==> flow/design.v <==
module data_mux_mod #(
   parameter int WD = 10
) (
   input logic CLK,
   input logic aresetn,
   input logic [WD-1:0] d0,
   input logic [WD-1:0] d1,
   input logic [WD-1:0] d2,
   input logic [WD-1:0] d3,
   input logic [1:0] s,
   output logic [WD-1:0] z_o
);
   logic [WD-1:0] d0_ff;
   always_ff @(posedge CLK) begin
      if (~aresetn) begin
         d0_ff <= '0;
      end else begin
         d0_ff <= d0;
      end
   end
   logic [WD-1:0] d1_ff;
   always_ff @(posedge CLK) begin
      if (~aresetn) begin
         d1_ff <= '0;
      end else begin
         d1_ff <= d1;
      end
   end
   logic [WD-1:0] d2_ff;
   always_ff @(posedge CLK) begin
      if (~aresetn) begin
         d2_ff <= '0;
      end else begin
         d2_ff <= d2;
      end
   end
   logic [WD-1:0] d3_ff;
   always_ff @(posedge CLK) begin
      if (~aresetn) begin
         d3_ff <= '0;
      end else begin
         d3_ff <= d3;
      end
   end
   logic [1:0] s_ff;
   always_ff @(posedge CLK) begin
      if (~aresetn) begin
         s_ff <= '0;
      end else begin
         s_ff <= s;
      end
   end
   logic [WD-1:0] cur;
   always_comb begin
      case (s_ff)
         0: cur = d0_ff;
         1: cur = d1_ff;
         2: cur = d2_ff;
         default: cur = d3_ff;
      endcase
   end
   logic [WD-1:0] z_o_ff;
   always_ff @(posedge CLK) begin
      if (~aresetn) begin
         z_o_ff <= '0;
      end else begin
         z_o_ff <= cur;
      end
   end
   assign z_o = z_o_ff;
endmodule
Hand-over note for data_mux_mod

### From RTL to reports: data_mux_mod

Module data_mux_mod in several versions that differ in "inputs"; each step lists the members.
The RTL above is that of inputs=4; lines are counted from 1 in the file of the member named.
Operators carry their Yosys type and port widths (W data, S select, Z words).
Not given: --

| set-up | value |
|---|---|
| design top | data_mux_mod |
| clock input | CLK |
| standard-cell library | sky130hd |
| timing corner | tt_025C_1v80 |

### Members of the sweep

Lines of each other member's file that are new or changed against the file above; lines that a member lacks are not shown.

Lines new or changed:

| inputs | RTL line | text |
|---|---|---|
| 5 | 10 | `input logic [WD-1:0] d4,` |
| 5 | 11 | `input logic [2:0] s,` |
| 5 | 46 | `logic [WD-1:0] d4_ff;` |
| 5 | 47 | `always_ff @(posedge CLK) begin` |
| 5 | 48 | `if (~aresetn) begin` |
| 5 | 49 | `d4_ff <= '0;` |
| 5 | 50 | `end else begin` |
| 5 | 51 | `d4_ff <= d4;` |
| 5 | 52 | `end` |
| 5 | 53 | `end` |
| 5 | 54 | `logic [2:0] s_ff;` |
| 5 | 68 | `3: cur = d3_ff;` |
| 5 | 69 | `default: cur = d4_ff;` |
| 6 | 10 | `input logic [WD-1:0] d4,` |
| 6 | 11 | `input logic [WD-1:0] d5,` |
| 6 | 12 | `input logic [2:0] s,` |
| 6 | 47 | `logic [WD-1:0] d4_ff;` |
| 6 | 48 | `always_ff @(posedge CLK) begin` |
| 6 | 49 | `if (~aresetn) begin` |
| 6 | 50 | `d4_ff <= '0;` |
| 6 | 51 | `end else begin` |
| 6 | 52 | `d4_ff <= d4;` |
| 6 | 53 | `end` |
| 6 | 54 | `end` |
| 6 | 55 | `logic [WD-1:0] d5_ff;` |
| 6 | 56 | `always_ff @(posedge CLK) begin` |
| 6 | 57 | `if (~aresetn) begin` |
| 6 | 58 | `d5_ff <= '0;` |
| 6 | 59 | `end else begin` |
| 6 | 60 | `d5_ff <= d5;` |
| 6 | 61 | `end` |
| 6 | 62 | `end` |
| 6 | 63 | `logic [2:0] s_ff;` |
| 6 | 77 | `3: cur = d3_ff;` |
| 6 | 78 | `4: cur = d4_ff;` |
| 6 | 79 | `default: cur = d5_ff;` |
| 8 | 10 | `input logic [WD-1:0] d4,` |
| 8 | 11 | `input logic [WD-1:0] d5,` |
| 8 | 12 | `input logic [WD-1:0] d6,` |
| 8 | 13 | `input logic [WD-1:0] d7,` |
| 8 | 14 | `input logic [2:0] s,` |
| 8 | 49 | `logic [WD-1:0] d4_ff;` |
| 8 | 50 | `always_ff @(posedge CLK) begin` |
| 8 | 51 | `if (~aresetn) begin` |
| 8 | 52 | `d4_ff <= '0;` |
| 8 | 53 | `end else begin` |
| 8 | 54 | `d4_ff <= d4;` |
| 8 | 55 | `end` |
| 8 | 56 | `end` |
| 8 | 57 | `logic [WD-1:0] d5_ff;` |
| 8 | 58 | `always_ff @(posedge CLK) begin` |
| 8 | 59 | `if (~aresetn) begin` |
| 8 | 60 | `d5_ff <= '0;` |
| 8 | 61 | `end else begin` |
| 8 | 62 | `d5_ff <= d5;` |
| 8 | 63 | `end` |
| 8 | 64 | `end` |
| 8 | 65 | `logic [WD-1:0] d6_ff;` |
| 8 | 66 | `always_ff @(posedge CLK) begin` |
| 8 | 67 | `if (~aresetn) begin` |
| 8 | 68 | `d6_ff <= '0;` |
| 8 | 69 | `end else begin` |
| 8 | 70 | `d6_ff <= d6;` |
| 8 | 71 | `end` |
| 8 | 72 | `end` |
| 8 | 73 | `logic [WD-1:0] d7_ff;` |
| 8 | 74 | `always_ff @(posedge CLK) begin` |
| 8 | 75 | `if (~aresetn) begin` |
| 8 | 76 | `d7_ff <= '0;` |
| 8 | 77 | `end else begin` |
| 8 | 78 | `d7_ff <= d7;` |
| 8 | 79 | `end` |
| 8 | 80 | `end` |
| 8 | 81 | `logic [2:0] s_ff;` |
| 8 | 95 | `3: cur = d3_ff;` |
| 8 | 96 | `4: cur = d4_ff;` |
| 8 | 97 | `5: cur = d5_ff;` |
| 8 | 98 | `6: cur = d6_ff;` |
| 8 | 99 | `default: cur = d7_ff;` |
| 10 | 10 | `input logic [WD-1:0] d4,` |
| 10 | 11 | `input logic [WD-1:0] d5,` |
| 10 | 12 | `input logic [WD-1:0] d6,` |
| 10 | 13 | `input logic [WD-1:0] d7,` |
| 10 | 14 | `input logic [WD-1:0] d8,` |
| 10 | 15 | `input logic [WD-1:0] d9,` |
| 10 | 16 | `input logic [3:0] s,` |
| 10 | 51 | `logic [WD-1:0] d4_ff;` |
| 10 | 52 | `always_ff @(posedge CLK) begin` |
| 10 | 53 | `if (~aresetn) begin` |
| 10 | 54 | `d4_ff <= '0;` |
| 10 | 55 | `end else begin` |
| 10 | 56 | `d4_ff <= d4;` |
| 10 | 57 | `end` |
| 10 | 58 | `end` |
| 10 | 59 | `logic [WD-1:0] d5_ff;` |
| 10 | 60 | `always_ff @(posedge CLK) begin` |
| 10 | 61 | `if (~aresetn) begin` |
| 10 | 62 | `d5_ff <= '0;` |
| 10 | 63 | `end else begin` |
| 10 | 64 | `d5_ff <= d5;` |
| 10 | 65 | `end` |
| 10 | 66 | `end` |
| 10 | 67 | `logic [WD-1:0] d6_ff;` |
| 10 | 68 | `always_ff @(posedge CLK) begin` |
| 10 | 69 | `if (~aresetn) begin` |
| 10 | 70 | `d6_ff <= '0;` |
| 10 | 71 | `end else begin` |
| 10 | 72 | `d6_ff <= d6;` |
| 10 | 73 | `end` |
| 10 | 74 | `end` |
| 10 | 75 | `logic [WD-1:0] d7_ff;` |
| 10 | 76 | `always_ff @(posedge CLK) begin` |
| 10 | 77 | `if (~aresetn) begin` |
| 10 | 78 | `d7_ff <= '0;` |
| 10 | 79 | `end else begin` |
| 10 | 80 | `d7_ff <= d7;` |
| 10 | 81 | `end` |
| 10 | 82 | `end` |
| 10 | 83 | `logic [WD-1:0] d8_ff;` |
| 10 | 84 | `always_ff @(posedge CLK) begin` |
| 10 | 85 | `if (~aresetn) begin` |
| 10 | 86 | `d8_ff <= '0;` |
| 10 | 87 | `end else begin` |
| 10 | 88 | `d8_ff <= d8;` |
| 10 | 89 | `end` |
| 10 | 90 | `end` |
| 10 | 91 | `logic [WD-1:0] d9_ff;` |
| 10 | 92 | `always_ff @(posedge CLK) begin` |
| 10 | 93 | `if (~aresetn) begin` |
| 10 | 94 | `d9_ff <= '0;` |
| 10 | 95 | `end else begin` |
| 10 | 96 | `d9_ff <= d9;` |
| 10 | 97 | `end` |
| 10 | 98 | `end` |
| 10 | 99 | `logic [3:0] s_ff;` |
| 10 | 113 | `3: cur = d3_ff;` |
| 10 | 114 | `4: cur = d4_ff;` |
| 10 | 115 | `5: cur = d5_ff;` |
| 10 | 116 | `6: cur = d6_ff;` |
| 10 | 117 | `7: cur = d7_ff;` |
| 10 | 118 | `8: cur = d8_ff;` |
| 10 | 119 | `default: cur = d9_ff;` |
| 24 | 10 | `input logic [WD-1:0] d4,` |
| 24 | 11 | `input logic [WD-1:0] d5,` |
| 24 | 12 | `input logic [WD-1:0] d6,` |
| 24 | 13 | `input logic [WD-1:0] d7,` |
| 24 | 14 | `input logic [WD-1:0] d8,` |
| 24 | 15 | `input logic [WD-1:0] d9,` |
| 24 | 16 | `input logic [WD-1:0] d10,` |
| 24 | 17 | `input logic [WD-1:0] d11,` |
| 24 | 18 | `input logic [WD-1:0] d12,` |
| 24 | 19 | `input logic [WD-1:0] d13,` |
| 24 | 20 | `input logic [WD-1:0] d14,` |
| 24 | 21 | `input logic [WD-1:0] d15,` |
| 24 | 22 | `input logic [WD-1:0] d16,` |
| 24 | 23 | `input logic [WD-1:0] d17,` |
| 24 | 24 | `input logic [WD-1:0] d18,` |
| 24 | 25 | `input logic [WD-1:0] d19,` |
| 24 | 26 | `input logic [WD-1:0] d20,` |
| 24 | 27 | `input logic [WD-1:0] d21,` |
| 24 | 28 | `input logic [WD-1:0] d22,` |
| 24 | 29 | `input logic [WD-1:0] d23,` |
| 24 | 30 | `input logic [4:0] s,` |
| 24 | 65 | `logic [WD-1:0] d4_ff;` |
| 24 | 66 | `always_ff @(posedge CLK) begin` |
| 24 | 67 | `if (~aresetn) begin` |
| 24 | 68 | `d4_ff <= '0;` |
| 24 | 69 | `end else begin` |
| 24 | 70 | `d4_ff <= d4;` |
| 24 | 71 | `end` |
| 24 | 72 | `end` |
| 24 | 73 | `logic [WD-1:0] d5_ff;` |
| 24 | 74 | `always_ff @(posedge CLK) begin` |
| 24 | 75 | `if (~aresetn) begin` |
| 24 | 76 | `d5_ff <= '0;` |
| 24 | 77 | `end else begin` |
| 24 | 78 | `d5_ff <= d5;` |
| 24 | 79 | `end` |
| 24 | 80 | `end` |
| 24 | 81 | `logic [WD-1:0] d6_ff;` |
| 24 | 82 | `always_ff @(posedge CLK) begin` |
| 24 | 83 | `if (~aresetn) begin` |
| 24 | 84 | `d6_ff <= '0;` |
| 24 | 85 | `end else begin` |
| 24 | 86 | `d6_ff <= d6;` |
| 24 | 87 | `end` |
| 24 | 88 | `end` |
| 24 | 89 | `logic [WD-1:0] d7_ff;` |
| 24 | 90 | `always_ff @(posedge CLK) begin` |
| 24 | 91 | `if (~aresetn) begin` |
| 24 | 92 | `d7_ff <= '0;` |
| 24 | 93 | `end else begin` |
| 24 | 94 | `d7_ff <= d7;` |
| 24 | 95 | `end` |
| 24 | 96 | `end` |
| 24 | 97 | `logic [WD-1:0] d8_ff;` |
| 24 | 98 | `always_ff @(posedge CLK) begin` |
| 24 | 99 | `if (~aresetn) begin` |
| 24 | 100 | `d8_ff <= '0;` |
| 24 | 101 | `end else begin` |
| 24 | 102 | `d8_ff <= d8;` |
| 24 | 103 | `end` |
| 24 | 104 | `end` |
| 24 | 105 | `logic [WD-1:0] d9_ff;` |
| 24 | 106 | `always_ff @(posedge CLK) begin` |
| 24 | 107 | `if (~aresetn) begin` |
| 24 | 108 | `d9_ff <= '0;` |
| 24 | 109 | `end else begin` |
| 24 | 110 | `d9_ff <= d9;` |
| 24 | 111 | `end` |
| 24 | 112 | `end` |
| 24 | 113 | `logic [WD-1:0] d10_ff;` |
| 24 | 114 | `always_ff @(posedge CLK) begin` |
| 24 | 115 | `if (~aresetn) begin` |
| 24 | 116 | `d10_ff <= '0;` |
| 24 | 117 | `end else begin` |
| 24 | 118 | `d10_ff <= d10;` |
| 24 | 119 | `end` |
| 24 | 120 | `end` |
| 24 | 121 | `logic [WD-1:0] d11_ff;` |
| 24 | 122 | `always_ff @(posedge CLK) begin` |
| 24 | 123 | `if (~aresetn) begin` |
| 24 | 124 | `d11_ff <= '0;` |
| 24 | 125 | `end else begin` |
| 24 | 126 | `d11_ff <= d11;` |
| 24 | 127 | `end` |
| 24 | 128 | `end` |
| 24 | 129 | `logic [WD-1:0] d12_ff;` |
| 24 | 130 | `always_ff @(posedge CLK) begin` |
| 24 | 131 | `if (~aresetn) begin` |
| 24 | 132 | `d12_ff <= '0;` |
| 24 | 133 | `end else begin` |
| 24 | 134 | `d12_ff <= d12;` |
| 24 | 135 | `end` |
| 24 | 136 | `end` |
| 24 | 137 | `logic [WD-1:0] d13_ff;` |
| 24 | 138 | `always_ff @(posedge CLK) begin` |
| 24 | 139 | `if (~aresetn) begin` |
| 24 | 140 | `d13_ff <= '0;` |
| 24 | 141 | `end else begin` |
| 24 | 142 | `d13_ff <= d13;` |
| 24 | 143 | `end` |
| 24 | 144 | `end` |
| 24 | 145 | `logic [WD-1:0] d14_ff;` |
| 24 | 146 | `always_ff @(posedge CLK) begin` |
| 24 | 147 | `if (~aresetn) begin` |
| 24 | 148 | `d14_ff <= '0;` |
| 24 | 149 | `end else begin` |
| 24 | 150 | `d14_ff <= d14;` |
| 24 | 151 | `end` |
| 24 | 152 | `end` |
| 24 | 153 | `logic [WD-1:0] d15_ff;` |
| 24 | 154 | `always_ff @(posedge CLK) begin` |
| 24 | 155 | `if (~aresetn) begin` |
| 24 | 156 | `d15_ff <= '0;` |
| 24 | 157 | `end else begin` |
| 24 | 158 | `d15_ff <= d15;` |
| 24 | 159 | `end` |
| 24 | 160 | `end` |
| 24 | 161 | `logic [WD-1:0] d16_ff;` |
| 24 | 162 | `always_ff @(posedge CLK) begin` |
| 24 | 163 | `if (~aresetn) begin` |
| 24 | 164 | `d16_ff <= '0;` |
| 24 | 165 | `end else begin` |
| 24 | 166 | `d16_ff <= d16;` |
| 24 | 167 | `end` |
| 24 | 168 | `end` |
| 24 | 169 | `logic [WD-1:0] d17_ff;` |
| 24 | 170 | `always_ff @(posedge CLK) begin` |
| 24 | 171 | `if (~aresetn) begin` |
| 24 | 172 | `d17_ff <= '0;` |
| 24 | 173 | `end else begin` |
| 24 | 174 | `d17_ff <= d17;` |
| 24 | 175 | `end` |
| 24 | 176 | `end` |
| 24 | 177 | `logic [WD-1:0] d18_ff;` |
| 24 | 178 | `always_ff @(posedge CLK) begin` |
| 24 | 179 | `if (~aresetn) begin` |
| 24 | 180 | `d18_ff <= '0;` |
| 24 | 181 | `end else begin` |
| 24 | 182 | `d18_ff <= d18;` |
| 24 | 183 | `end` |
| 24 | 184 | `end` |
| 24 | 185 | `logic [WD-1:0] d19_ff;` |
| 24 | 186 | `always_ff @(posedge CLK) begin` |
| 24 | 187 | `if (~aresetn) begin` |
| 24 | 188 | `d19_ff <= '0;` |
| 24 | 189 | `end else begin` |
| 24 | 190 | `d19_ff <= d19;` |
| 24 | 191 | `end` |
| 24 | 192 | `end` |
| 24 | 193 | `logic [WD-1:0] d20_ff;` |
| 24 | 194 | `always_ff @(posedge CLK) begin` |
| 24 | 195 | `if (~aresetn) begin` |
| 24 | 196 | `d20_ff <= '0;` |
| 24 | 197 | `end else begin` |
| 24 | 198 | `d20_ff <= d20;` |
| 24 | 199 | `end` |
| 24 | 200 | `end` |
| 24 | 201 | `logic [WD-1:0] d21_ff;` |
| 24 | 202 | `always_ff @(posedge CLK) begin` |
| 24 | 203 | `if (~aresetn) begin` |
| 24 | 204 | `d21_ff <= '0;` |
| 24 | 205 | `end else begin` |
| 24 | 206 | `d21_ff <= d21;` |
| 24 | 207 | `end` |
| 24 | 208 | `end` |
| 24 | 209 | `logic [WD-1:0] d22_ff;` |
| 24 | 210 | `always_ff @(posedge CLK) begin` |
| 24 | 211 | `if (~aresetn) begin` |
| 24 | 212 | `d22_ff <= '0;` |
| 24 | 213 | `end else begin` |
| 24 | 214 | `d22_ff <= d22;` |
| 24 | 215 | `end` |
| 24 | 216 | `end` |
| 24 | 217 | `logic [WD-1:0] d23_ff;` |
| 24 | 218 | `always_ff @(posedge CLK) begin` |
| 24 | 219 | `if (~aresetn) begin` |
| 24 | 220 | `d23_ff <= '0;` |
| 24 | 221 | `end else begin` |
| 24 | 222 | `d23_ff <= d23;` |
| 24 | 223 | `end` |
| 24 | 224 | `end` |
| 24 | 225 | `logic [4:0] s_ff;` |
| 24 | 239 | `3: cur = d3_ff;` |
| 24 | 240 | `4: cur = d4_ff;` |
| 24 | 241 | `5: cur = d5_ff;` |
| 24 | 242 | `6: cur = d6_ff;` |
| 24 | 243 | `7: cur = d7_ff;` |
| 24 | 244 | `8: cur = d8_ff;` |
| 24 | 245 | `9: cur = d9_ff;` |
| 24 | 246 | `10: cur = d10_ff;` |
| 24 | 247 | `11: cur = d11_ff;` |
| 24 | 248 | `12: cur = d12_ff;` |
| 24 | 249 | `13: cur = d13_ff;` |
| 24 | 250 | `14: cur = d14_ff;` |
| 24 | 251 | `15: cur = d15_ff;` |
| 24 | 252 | `16: cur = d16_ff;` |
| 24 | 253 | `17: cur = d17_ff;` |
| 24 | 254 | `18: cur = d18_ff;` |
| 24 | 255 | `19: cur = d19_ff;` |
| 24 | 256 | `20: cur = d20_ff;` |
| 24 | 257 | `21: cur = d21_ff;` |
| 24 | 258 | `22: cur = d22_ff;` |
| 24 | 259 | `default: cur = d23_ff;` |

### Word level

Yosys after proc, flatten, opt, wreduce and memory -nomap, before mapping. Enables and synchronous resets that opt folds into registers are not counted as muxes. Memory bits, and registers merged into a memory's read port (data or address), are not among the register bits. Print and check cells are not counted. Equal cells are merged and count once.

Storage and ports:

| inputs | register bits after elaboration | input port bits | output and inout port bits | cells after elaboration |
|---|---|---|---|---|
| 4 | 52 | 44 | 10 | 10 |
| 5 | 63 | 55 | 10 | 12 |
| 6 | 73 | 65 | 10 | 14 |
| 8 | 93 | 85 | 10 | 18 |
| 10 | 114 | 106 | 10 | 22 |
| 24 | 255 | 247 | 10 | 50 |

Operators by class:

| inputs | equality and inequality tests | multiplexer cells | reductions and logical operators |
|---|---|---|---|
| 4 | 2 | 1 | 1 |
| 5 | 3 | 1 | 1 |
| 6 | 4 | 1 | 1 |
| 8 | 6 | 1 | 1 |
| 10 | 8 | 1 | 1 |
| 24 | 22 | 1 | 1 |

Operators by type and width:

| inputs | kinds with counts |
|---|---|
| 4 | $pmux W10 S3 (1); $eq A2 B1 Y1 const B (1); $eq A2 B2 Y1 const B (1); $logic_not A2 Y1 (1) |
| 5 | $pmux W10 S4 (1); $eq A3 B2 Y1 const B (2); $eq A3 B1 Y1 const B (1); $logic_not A3 Y1 (1) |
| 6 | $pmux W10 S5 (1); $eq A3 B2 Y1 const B (2); $eq A3 B1 Y1 const B (1); $eq A3 B3 Y1 const B (1); $logic_not A3 Y1 (1) |
| 8 | $pmux W10 S7 (1); $eq A3 B3 Y1 const B (3); $eq A3 B2 Y1 const B (2); $eq A3 B1 Y1 const B (1); $logic_not A3 Y1 (1) |
| 10 | $pmux W10 S9 (1); $eq A4 B3 Y1 const B (4); $eq A4 B2 Y1 const B (2); $eq A4 B1 Y1 const B (1); $eq A4 B4 Y1 const B (1); $logic_not A4 Y1 (1) |
| 24 | $pmux W10 S23 (1); $eq A5 B4 Y1 const B (8); $eq A5 B5 Y1 const B (7); $eq A5 B3 Y1 const B (4); $eq A5 B2 Y1 const B (2); $eq A5 B1 Y1 const B (1); $logic_not A5 Y1 (1) |

### Logic depth

Depth = most cells in a row (Yosys ltp): at word level without a register or memory, in the mapped netlist without a sequential cell, where the memories' decode and read muxes count.

Depth:

| inputs | depth in word-level cells | ABC_AREA | gate-level depth with buffers | mapped depth without buffers |
|---|---|---|---|---|
| 4 | 2 | 0 | 3 | 2 |
| 5 | 2 | 0 | 5 | 3 |
| 6 | 2 | 0 | 6 | 4 |
| 8 | 2 | 0 | 6 | 4 |
| 10 | 2 | 0 | 7 | 4 |
| 24 | 2 | 0 | 8 | 5 |

### Netlist

Source: synth_stat.txt of the flow (Yosys; design flattened, memories mapped). It holds for the ABC_AREA given above (unset counts as 0); a run with the other value may have another netlist.
Totals and module areas in this step are rounded.

Cell types:

| inputs | types with counts |
|---|---|
| 4 | sky130_fd_sc_hd__dfxtp_1 (52); sky130_fd_sc_hd__and2_1 (42); sky130_fd_sc_hd__mux2i_1 (20); sky130_fd_sc_hd__o22ai_1 (10); sky130_fd_sc_hd__buf_4 (2); sky130_fd_sc_hd__clkbuf_1 (4); sky130_fd_sc_hd__nand2b_1 (1); sky130_fd_sc_hd__buf_2 (1); sky130_fd_sc_hd__nand2_1 (1) |
| 5 | sky130_fd_sc_hd__dfxtp_1 (63); sky130_fd_sc_hd__and2_1 (53); sky130_fd_sc_hd__mux2i_1 (10); sky130_fd_sc_hd__o311a_1 (8); sky130_fd_sc_hd__nor4b_1 (8); sky130_fd_sc_hd__a221oi_1 (7); sky130_fd_sc_hd__mux4_2 (2); sky130_fd_sc_hd__clkbuf_1 (8); sky130_fd_sc_hd__inv_1 (8); sky130_fd_sc_hd__buf_6 (2); sky130_fd_sc_hd__buf_12 (1); sky130_fd_sc_hd__a221oi_2 (1); sky130_fd_sc_hd__nor2b_1 (2); sky130_fd_sc_hd__buf_2 (2); sky130_fd_sc_hd__nand2_1 (1); sky130_fd_sc_hd__nor2_1 (1) |
| 6 | sky130_fd_sc_hd__dfxtp_1 (73); sky130_fd_sc_hd__and2_1 (63); sky130_fd_sc_hd__a21oi_1 (14); sky130_fd_sc_hd__mux2_2 (5); sky130_fd_sc_hd__o211a_1 (5); sky130_fd_sc_hd__a22oi_1 (6); sky130_fd_sc_hd__o21a_1 (5); sky130_fd_sc_hd__o22ai_1 (6); sky130_fd_sc_hd__o22a_1 (4); sky130_fd_sc_hd__clkbuf_1 (8); sky130_fd_sc_hd__o221ai_1 (3); sky130_fd_sc_hd__o21ai_0 (5); sky130_fd_sc_hd__buf_4 (3); sky130_fd_sc_hd__inv_1 (5); sky130_fd_sc_hd__nor2b_1 (3); sky130_fd_sc_hd__a221oi_2 (1); sky130_fd_sc_hd__buf_2 (3); sky130_fd_sc_hd__mux2_4 (1); [+15] |
| 8 | sky130_fd_sc_hd__dfxtp_1 (93); sky130_fd_sc_hd__and2_1 (84); sky130_fd_sc_hd__a221oi_2 (7); sky130_fd_sc_hd__a21oi_1 (16); sky130_fd_sc_hd__o221a_1 (7); sky130_fd_sc_hd__a221oi_1 (7); sky130_fd_sc_hd__a22oi_1 (7); sky130_fd_sc_hd__nand2_1 (13); sky130_fd_sc_hd__mux2_2 (4); sky130_fd_sc_hd__clkbuf_1 (11); sky130_fd_sc_hd__o21ai_0 (7); sky130_fd_sc_hd__buf_4 (3); sky130_fd_sc_hd__mux4_2 (1); sky130_fd_sc_hd__and2b_4 (2); sky130_fd_sc_hd__a41oi_1 (2); sky130_fd_sc_hd__buf_2 (3); sky130_fd_sc_hd__nand3b_1 (2); sky130_fd_sc_hd__nor2_2 (2); [+11] |
| 10 | sky130_fd_sc_hd__dfxtp_1 (114); sky130_fd_sc_hd__and2_1 (106); sky130_fd_sc_hd__mux2i_1 (21); sky130_fd_sc_hd__a21oi_1 (20); sky130_fd_sc_hd__clkbuf_1 (15); sky130_fd_sc_hd__o22ai_1 (9); sky130_fd_sc_hd__or3_1 (9); sky130_fd_sc_hd__o21ai_0 (11); sky130_fd_sc_hd__buf_2 (7); sky130_fd_sc_hd__o22a_1 (4); sky130_fd_sc_hd__o21ai_1 (6); sky130_fd_sc_hd__a31oi_1 (4); sky130_fd_sc_hd__buf_6 (2); sky130_fd_sc_hd__mux4_2 (1); sky130_fd_sc_hd__nor2_1 (6); sky130_fd_sc_hd__nor2b_1 (3); sky130_fd_sc_hd__a211oi_1 (2); sky130_fd_sc_hd__a221oi_2 (1); [+37] |
| 24 | sky130_fd_sc_hd__dfxtp_1 (255); sky130_fd_sc_hd__and2_1 (248); sky130_fd_sc_hd__mux2i_1 (25); sky130_fd_sc_hd__mux2_2 (17); sky130_fd_sc_hd__a22oi_1 (21); sky130_fd_sc_hd__nand3_1 (31); sky130_fd_sc_hd__o21ai_0 (31); sky130_fd_sc_hd__clkbuf_1 (35); sky130_fd_sc_hd__a21oi_1 (23); sky130_fd_sc_hd__buf_2 (22); sky130_fd_sc_hd__buf_6 (7); sky130_fd_sc_hd__nand4_1 (11); sky130_fd_sc_hd__nor2b_1 (11); sky130_fd_sc_hd__mux4_2 (3); sky130_fd_sc_hd__nand2_1 (18); sky130_fd_sc_hd__a211oi_1 (8); sky130_fd_sc_hd__a31oi_1 (9); sky130_fd_sc_hd__and3_1 (9); [+116] |

A list marked [+n] leaves out that many cells.

Mapped netlist:

| inputs | cell count | chip area (Yosys) (um2) | sequential part of the area (um2) | flip-flop cells | buffers |
|---|---|---|---|---|---|
| 4 | 133 | 1600 | 1000 | 52 | 7 |
| 5 | 177 | 2100 | 1300 | 63 | 13 |
| 6 | 228 | 2500 | 1500 | 73 | 15 |
| 8 | 282 | 3100 | 1900 | 93 | 19 |
| 10 | 378 | 4000 | 2300 | 114 | 27 |
| 24 | 900 | 9300 | 5100 | 255 | 71 |

### Worst setup path after synthesis

Source: OpenSTA report_checks on the synthesized netlist (no wires, ideal clock, input and output delay 20% of the period each), path of least setup slack; recovery checks are left aside. Register names are those of the netlist, which keeps one name where synthesis merged equal registers.

Path post-synthesis:

| inputs | path kind | start | end | clock period (ns) | setup slack (ns) | stages on the path | delay of the path (ns) | period reached after synthesis (ns) |
|---|---|---|---|---|---|---|---|---|
| 4 | register to register | register s_ff[0] | register z_o_ff[8] | 1.12 | 0.224 | 4 | 0.896 | 0.896 |
| 5 | register to register | register s_ff[0] | register z_o_ff[1] | 1.55 | 0.309 | 5 | 1.241 | 1.241 |
| 6 | register to register | register s_ff[0] | register z_o_ff[4] | 1.54 | 0.310 | 6 | 1.230 | 1.23 |
| 8 | register to register | register s_ff[0] | register z_o_ff[0] | 1.58 | 0.318 | 6 | 1.262 | 1.262 |
| 10 | register to register | register s_ff[0] | register z_o_ff[4] | 1.87 | 0.373 | 7 | 1.498 | 1.497 |
| 24 | register to register | register s_ff[0] | register z_o_ff[2] | 2.07 | 0.412 | 6 | 1.658 | 1.658 |

"delay of the path" is the arrival time less input delay plus setup time.
"stages on the path": output pins that drive a net of the path, with the launching flip-flop's if there is one; two outputs of one cell count as two.
"period reached after synthesis" = period - worst setup slack (recovery checks aside). The figure is calculated, with input and output delays left at 20% of the set period.
The rows between start and end are the longest chain of elaborated cells between them; the timing report does not say that the signal goes this way. Where chains are equally long, one stands for them.
A line is the first line of the expression or statement that the cell stems from. Yosys adds cells for indexed reads and writes and turns some case tables into memories.

| between the ends, post-synthesis, inputs=4 | value |
|---|---|
| cells in the longest elaborated chain | 2 |

Ends and longest elaborated chain, post-synthesis, inputs=4:

| item | RTL line | text |
|---|---|---|
| start, declared | 45 | `logic [1:0] s_ff;` |
| start, assigned | 48 | `s_ff <= '0;` |
| start, assigned | 50 | `s_ff <= s;` |
| $eq A2 B2 Y1 | 55 | `case (s_ff)` |
| $pmux W10 S3 | 55 |  |
| end, assigned | 65 | `z_o_ff <= '0;` |
| end, assigned | 67 | `z_o_ff <= cur;` |
| end, declared | 62 | `logic [WD-1:0] z_o_ff;` |

| between the ends, post-synthesis, inputs=24 | value |
|---|---|
| cells in the longest elaborated chain | 2 |

Ends and longest elaborated chain, post-synthesis, inputs=24:

| item | RTL line | text |
|---|---|---|
| start, declared | 225 | `logic [4:0] s_ff;` |
| start, assigned | 228 | `s_ff <= '0;` |
| start, assigned | 230 | `s_ff <= s;` |
| $eq A5 B5 Y1 | 235 | `case (s_ff)` |
| $pmux W10 S23 | 235 |  |
| end, assigned | 265 | `z_o_ff <= '0;` |
| end, assigned | 267 | `z_o_ff <= cur;` |
| end, declared | 262 | `logic [WD-1:0] z_o_ff;` |

### Timing after layout

Path of least setup slack in the final report of the run of each member (OpenROAD, finished layout, wires in). Where an end is a register, its clock arrival counts in the times.

Path after layout:

| inputs | path kind | start | end | clock period (ns) | setup slack (ns) | stages on the path | arrival (ns) | buffers on the path |
|---|---|---|---|---|---|---|---|---|
| 4 | register to output | register z_o_ff[9] | output port z_o[9] | 1.12 | 0.04 | 2 | 0.85 | 1 |
| 5 | register to output | register z_o_ff[9] | output port z_o[9] | 1.55 | 0.06 | 2 | 1.18 | 1 |
| 6 | register to output | register z_o_ff[8] | output port z_o[8] | 1.54 | 0.05 | 2 | 1.18 | 1 |
| 8 | register to output | register z_o_ff[9] | output port z_o[9] | 1.58 | 0.05 | 2 | 1.21 | 1 |
| 10 | register to output | register z_o_ff[6] | output port z_o[6] | 1.87 | 0.07 | 2 | 1.43 | 1 |
| 24 | register to register | register s_ff[1] | register z_o_ff[6] | 2.07 | 0.08 | 8 | 2.40 | 2 |

### Layout results

Settings and results of one run of the flow (Yosys, OpenROAD) for each member follow. The constraints put input and output delay at 20% of the set period each and load the outputs with 0.01 pF.

| flow settings | value |
|---|---|
| CAP_MARGIN | 20 |
| CORE_MARGIN | 2 |
| CORE_UTILIZATION | 40 |
| SLEW_MARGIN | 20 |

Settings that differ:

| inputs | period_ns |
|---|---|
| 4 | 1.12 |
| 5 | 1.55 |
| 6 | 1.54 |
| 8 | 1.58 |
| 10 | 1.87 |
| 24 | 2.07 |

Final reports:

| inputs | post-synthesis cell area (um2) | full die area (um2) | standard-cell area after layout (um2) | post-route utilization (%) | setup slack of the worst path (ns) | setup total negative slack (ns) | smallest hold slack (ns) | total design power (µW) | clock period reached (ns) |
|---|---|---|---|---|---|---|---|---|---|
| 4 | 1600 | 4600 | 2300 | 58 | 0.043 | 0.000 | 0.49 | 3400 | 1.077 |
| 5 | 2100 | 5800 | 3000 | 60 | 0.058 | 0.000 | 0.49 | 3500 | 1.492 |
| 6 | 2500 | 6800 | 3500 | 59 | 0.055 | 0.000 | 0.41 | 4000 | 1.485 |
| 8 | 3100 | 8500 | 4400 | 57 | 0.052 | 0.000 | 0.31 | 4500 | 1.528 |
| 10 | 4000 | 11000 | 5900 | 61 | 0.070 | 0.000 | 0.41 | 6700 | 1.800 |
| 24 | 9300 | 25000 | 13000 | 58 | 0.077 | 0.000 | 0.27 | 11000 | 1.993 |

By "clock period reached" is meant the clock period of the run minus its worst setup slack. This is arithmetic on one report: input and output delays are still those of the set period (20% each).
"total design power" is the tool's figure for a default switching activity; nothing was simulated.
The measured numbers are rounded.

End of note.
